==> flow/design.v <==
module u_scratch_n #(
    parameter D = 48,
    parameter DATA_W = 16,
    parameter ADDR_W = $clog2(D),
    parameter NBLK = DATA_W / 8
) (
    input clk_i,
    input clk_en,
    input [NBLK-1:0] in_byte_en,
    input [ADDR_W-1:0] in_wa,
    input [DATA_W-1:0] in_wdata,
    input [ADDR_W-1:0] in_ra,
    output [DATA_W-1:0] out_rdata
);
    reg [DATA_W-1:0] rf [0:D-1];
    integer idx;
    always @(posedge clk_i) begin
        for (idx = 0; idx < NBLK; idx = idx + 1)
            if (clk_en && in_byte_en[idx]) rf[in_wa][8*idx +: 8] <= in_wdata[8*idx +: 8];
    end
    assign out_rdata = rf[in_ra];
endmodule
---- From RTL to reports: u_scratch_n ----
The steps from the RTL of u_scratch_n to its reports follow in flow order.
Line numbers count from 1 in the design file above.
Operators: Yosys type, input widths -> output width; for muxes data width and select width s.
Library cell names are shortened.
Not given: n/a
design
  top module .............................. u_scratch_n
  clock ................................... clk_i
  library ................................. sky130hd
  corner .................................. tt_025C_1v80

---- After elaboration ----
Counts by Yosys on the flattened word-level netlist (proc, flatten, opt, wreduce; memories kept). Register bits leave out memories and registers merged into their read ports (data or address); mux counts leave out enables and synchronous resets folded into registers. Print and check cells are left out. Cells with the same type and inputs are merged into one.
Memory sizes are those after Yosys's memory passes, which may raise the word count (mostly to a power of two), join words into wider ones and drop unused or constant bits.
operators by class
  muxes and demuxes ....................... 4
  reductions and logical operators ........ 2
operator list
  cell               count
  $mux 16            2
  $logic_and 1x1->1  2
  $mux 1             2
word-level totals
  flip-flop bits (word level) ............. 0
  bits in writable memories ............... 768
  memories kept ........................... 1
  input bits .............................. 32
  output and inout port bits .............. 16
  word-level cells ........................ 7
memories
  name  depth  width  read ports  wr ports  RTL line  text
  rf    48     16     1           1         15        reg [DATA_W-1:0] rf [0:D-1];

---- Longest topological paths ----
Yosys ltp: most cells in a row. Word level: on the elaborated netlist, between registers, memories and ports. Mapped: between sequential cells and ports; inverters and the memories' decode and read muxes count.
depth
  depth after elaboration ................. 2
  ABC_AREA ................................ 0
  depth in mapped cells ................... 9
  gate-level depth less buffers ........... 5

---- After synthesis ----
Yosys stat after the flow's synthesis: flattened, memories mapped to cells. It holds for the ABC_AREA given above (unset counts as 0); a run with the other value may have another netlist.
Totals and module areas in this step are rounded.
cell types
  cell      count  total area (um^2)
  edfxtp_1  768    2.31E+04
  mux2i_1   256    2.56E+03
  mux4_2    80     1.8E+03
  a22oi_1   64     480.461
  nor2_1    99     371.606
  a221oi_1  32     280.269
  a22o_1    32     280.269
  o41ai_2   16     260.25
  buf_6     19     213.955
  a21oi_1   32     160.154
  nand2_1   30     112.608
  buf_4     14     105.101
  o22ai_1   16     100.096
  clkbuf_1  25     93.84
  buf_2     18     90.086
  buf_1     16     60.058
  nor2b_1   4      25.024
  nand3b_1  3      22.522
Other cell types: 8; their cells: 12.
mapped netlist
  cells in the netlist .................... 1,536
  chip area (Yosys) ....................... 30,200 um^2
  sequential part of the area ............. 23,100 um^2
  mapped flip-flops ....................... 768
  buffer cells ............................ 92

---- Path before layout ----
Path of least setup slack by OpenSTA after synthesis, without wires, with an ideal clock, recovery checks aside; 20% of the period is set as input and as output delay. Where synthesis merged equal registers, the netlist keeps one of their names.
path after synthesis
  path type ............................... input-to-output
  start ................................... input in_ra[0]
  end ..................................... output out_rdata[0]
  clock period ............................ 3.17 ns
  external input delay .................... 0.634 ns
  output delay ............................ 0.634 ns
  time at the first pin ................... 0.634 ns
  arrival time ............................ 2.155 ns
  required time ........................... 2.536 ns
  setup slack ............................. 0.381 ns
  path delay .............................. 1.521 ns
  driving pins on the path ................ 7
  path buffers ............................ 3
  synthesis period reached ................ 2.789 ns
"path delay" is the arrival time less input delay plus setup time.
A path that ends at an output port has no setup time.
"driving pins on the path": output pins that drive a net of the path, with the launching flip-flop's if there is one; two outputs of one cell count as two.
"synthesis period reached" = period - worst setup slack (recovery checks aside). The figure is calculated, with input and output delays left at 20% of the set period.
The rows between start and end are the longest chain of elaborated cells between them; the timing report does not say that the signal goes this way. Where chains are equally long, one stands for them.
A line is the first line of the expression or statement that the cell stems from. Yosys adds cells for indexed reads and writes and turns some case tables into memories.
The chain passes a memory read, where the word-level depth is cut; so it can be longer than that depth.
between the ends, after synthesis
  cell sequence ........................... buf_6 buf_6 buf_6 mux4_2 mux4_2 nand2_1 o41ai_2
  length of the longest elaborated chain .. 1
  elaborated cells on any way between the ends .. 1
  RTL lines with such cells ............... 1
  those cells by class .................... memory: 1
ends and longest elaborated chain, after synthesis
  what             RTL line  text
  start, declared  12        input [ADDR_W-1:0] in_ra,
  $mem_v2 48x16    15        reg [DATA_W-1:0] rf [0:D-1];
  end, declared    13        output [DATA_W-1:0] out_rdata

---- Timing after layout ----
Path of least setup slack in the final report of run 1 (OpenROAD, finished layout, wires in). Where an end is a register, its clock arrival counts in the times.
path after layout
  path type ............................... reg-to-output
  start ................................... memory rf[35][15]
  end ..................................... output out_rdata[15]
  clock period ............................ 2.31 ns
  output delay ............................ 0.46 ns
  time at the first pin ................... 0.63 ns
  arrival time ............................ 2.48 ns
  required time ........................... 1.85 ns
  setup slack ............................. -0.64 ns
  driving pins on the path ................ 6
  path buffers ............................ 1
The rows between start and end are the longest chain of elaborated cells between them; the timing report does not say that the signal goes this way. Where chains are equally long, one stands for them.
The chain passes a memory read, where the word-level depth is cut; so it can be longer than that depth.
between the ends, after layout
  cell sequence ........................... edfxtp_1 mux4_2 mux4_2 nand2_2 o41ai_4 buf_2
  length of the longest elaborated chain .. 1
  elaborated cells on any way between the ends .. 1
  RTL lines with such cells ............... 1
  those cells by class .................... memory: 1
ends and longest elaborated chain, after layout
  what             RTL line  text
  start, declared  15        reg [DATA_W-1:0] rf [0:D-1];
  $mem_v2 48x16    15
  end, declared    13        output [DATA_W-1:0] out_rdata

# Flow runs of u_scratch_n

Settings and measured results of 3 stored flow runs for module u_scratch_n (sky130hd), not sorted in any way. The constraints put input and output delay at 20% of the set period each and load the outputs with 0.01 pF.
"reached clock period" = clock period - worst setup slack. The figure is calculated, with input and output delays left at 20% of the set period.
"critical path time" is the time allowed to the run's worst setup path (the clock period less input and output delay, where it has them) less its slack. Clock arrival times count: a late capture clock shortens it, a late launch clock lengthens it.
The results are shown rounded.

---- run 1 ----
settings
  period_ns = 2.31
  CORE_UTILIZATION = 39
  SETUP_SLACK_MARGIN = -0.02
  PLACE_DENSITY_LB_ADDON = 0.29
  CORE_ASPECT_RATIO = 1.32
  CORE_MARGIN = 7
  CELL_PAD_IN_SITES_GLOBAL_PLACEMENT = 0
  GPL_ROUTABILITY_DRIVEN = 1
  CTS_CLUSTER_SIZE = 29
  CTS_CLUSTER_DIAMETER = 71
  CAP_MARGIN = 20
  SLEW_MARGIN = 20
results
  chip area in the Yosys report ........... 30,200 um^2
  die area ................................ 85,400 um^2
  std-cell area (final layout) ............ 34,900 um^2
  utilization ............................. 45.5 %
  setup slack of the worst path ........... -0.636 ns
  summed negative setup slack ............. -9.20 ns
  worst hold slack in the final report .... 0.266 ns
  reached clock period .................... 2.946 ns
  critical path time ...................... 2.48 ns
  worst setup path kind ................... reg-to-output

---- run 2 ----
settings
  period_ns = 2.24
  CORE_UTILIZATION = 22
  PLACE_DENSITY_LB_ADDON = 0.23
  CELL_PAD_IN_SITES_GLOBAL_PLACEMENT = 3
  CELL_PAD_IN_SITES_DETAIL_PLACEMENT = 0
  TNS_END_PERCENT = 10
  GPL_TIMING_DRIVEN = 0
  GPL_ROUTABILITY_DRIVEN = 1
  CTS_CLUSTER_SIZE = 13
  CAP_MARGIN = 10
  MAX_ROUTING_LAYER = met5
  CORE_MARGIN = 2
  SLEW_MARGIN = 20
results
  chip area in the Yosys report ........... 30,200 um^2
  die area ................................ 140,000 um^2
  std-cell area (final layout) ............ 38,700 um^2
  utilization ............................. 28.5 %
  setup slack of the worst path ........... -0.887 ns
  summed negative setup slack ............. -43.4 ns
  worst hold slack in the final report .... 0.202 ns
  reached clock period .................... 3.127 ns
  critical path time ...................... 2.23 ns
  worst setup path kind ................... input-to-output

---- run 3 ----
settings
  period_ns = 3.17
  CAP_MARGIN = 20
  CORE_MARGIN = 2
  CORE_UTILIZATION = 40
  SLEW_MARGIN = 20
results
  chip area in the Yosys report ........... 30,200 um^2
  die area ................................ 77,600 um^2
  std-cell area (final layout) ............ 36,800 um^2
  utilization ............................. 49.4 %
  setup slack of the worst path ........... -0.094 ns
  summed negative setup slack ............. -0.349 ns
  worst hold slack in the final report .... 0.733 ns
  reached clock period .................... 3.264 ns
  critical path time ...................... 2.00 ns
  worst setup path kind ................... input-to-output
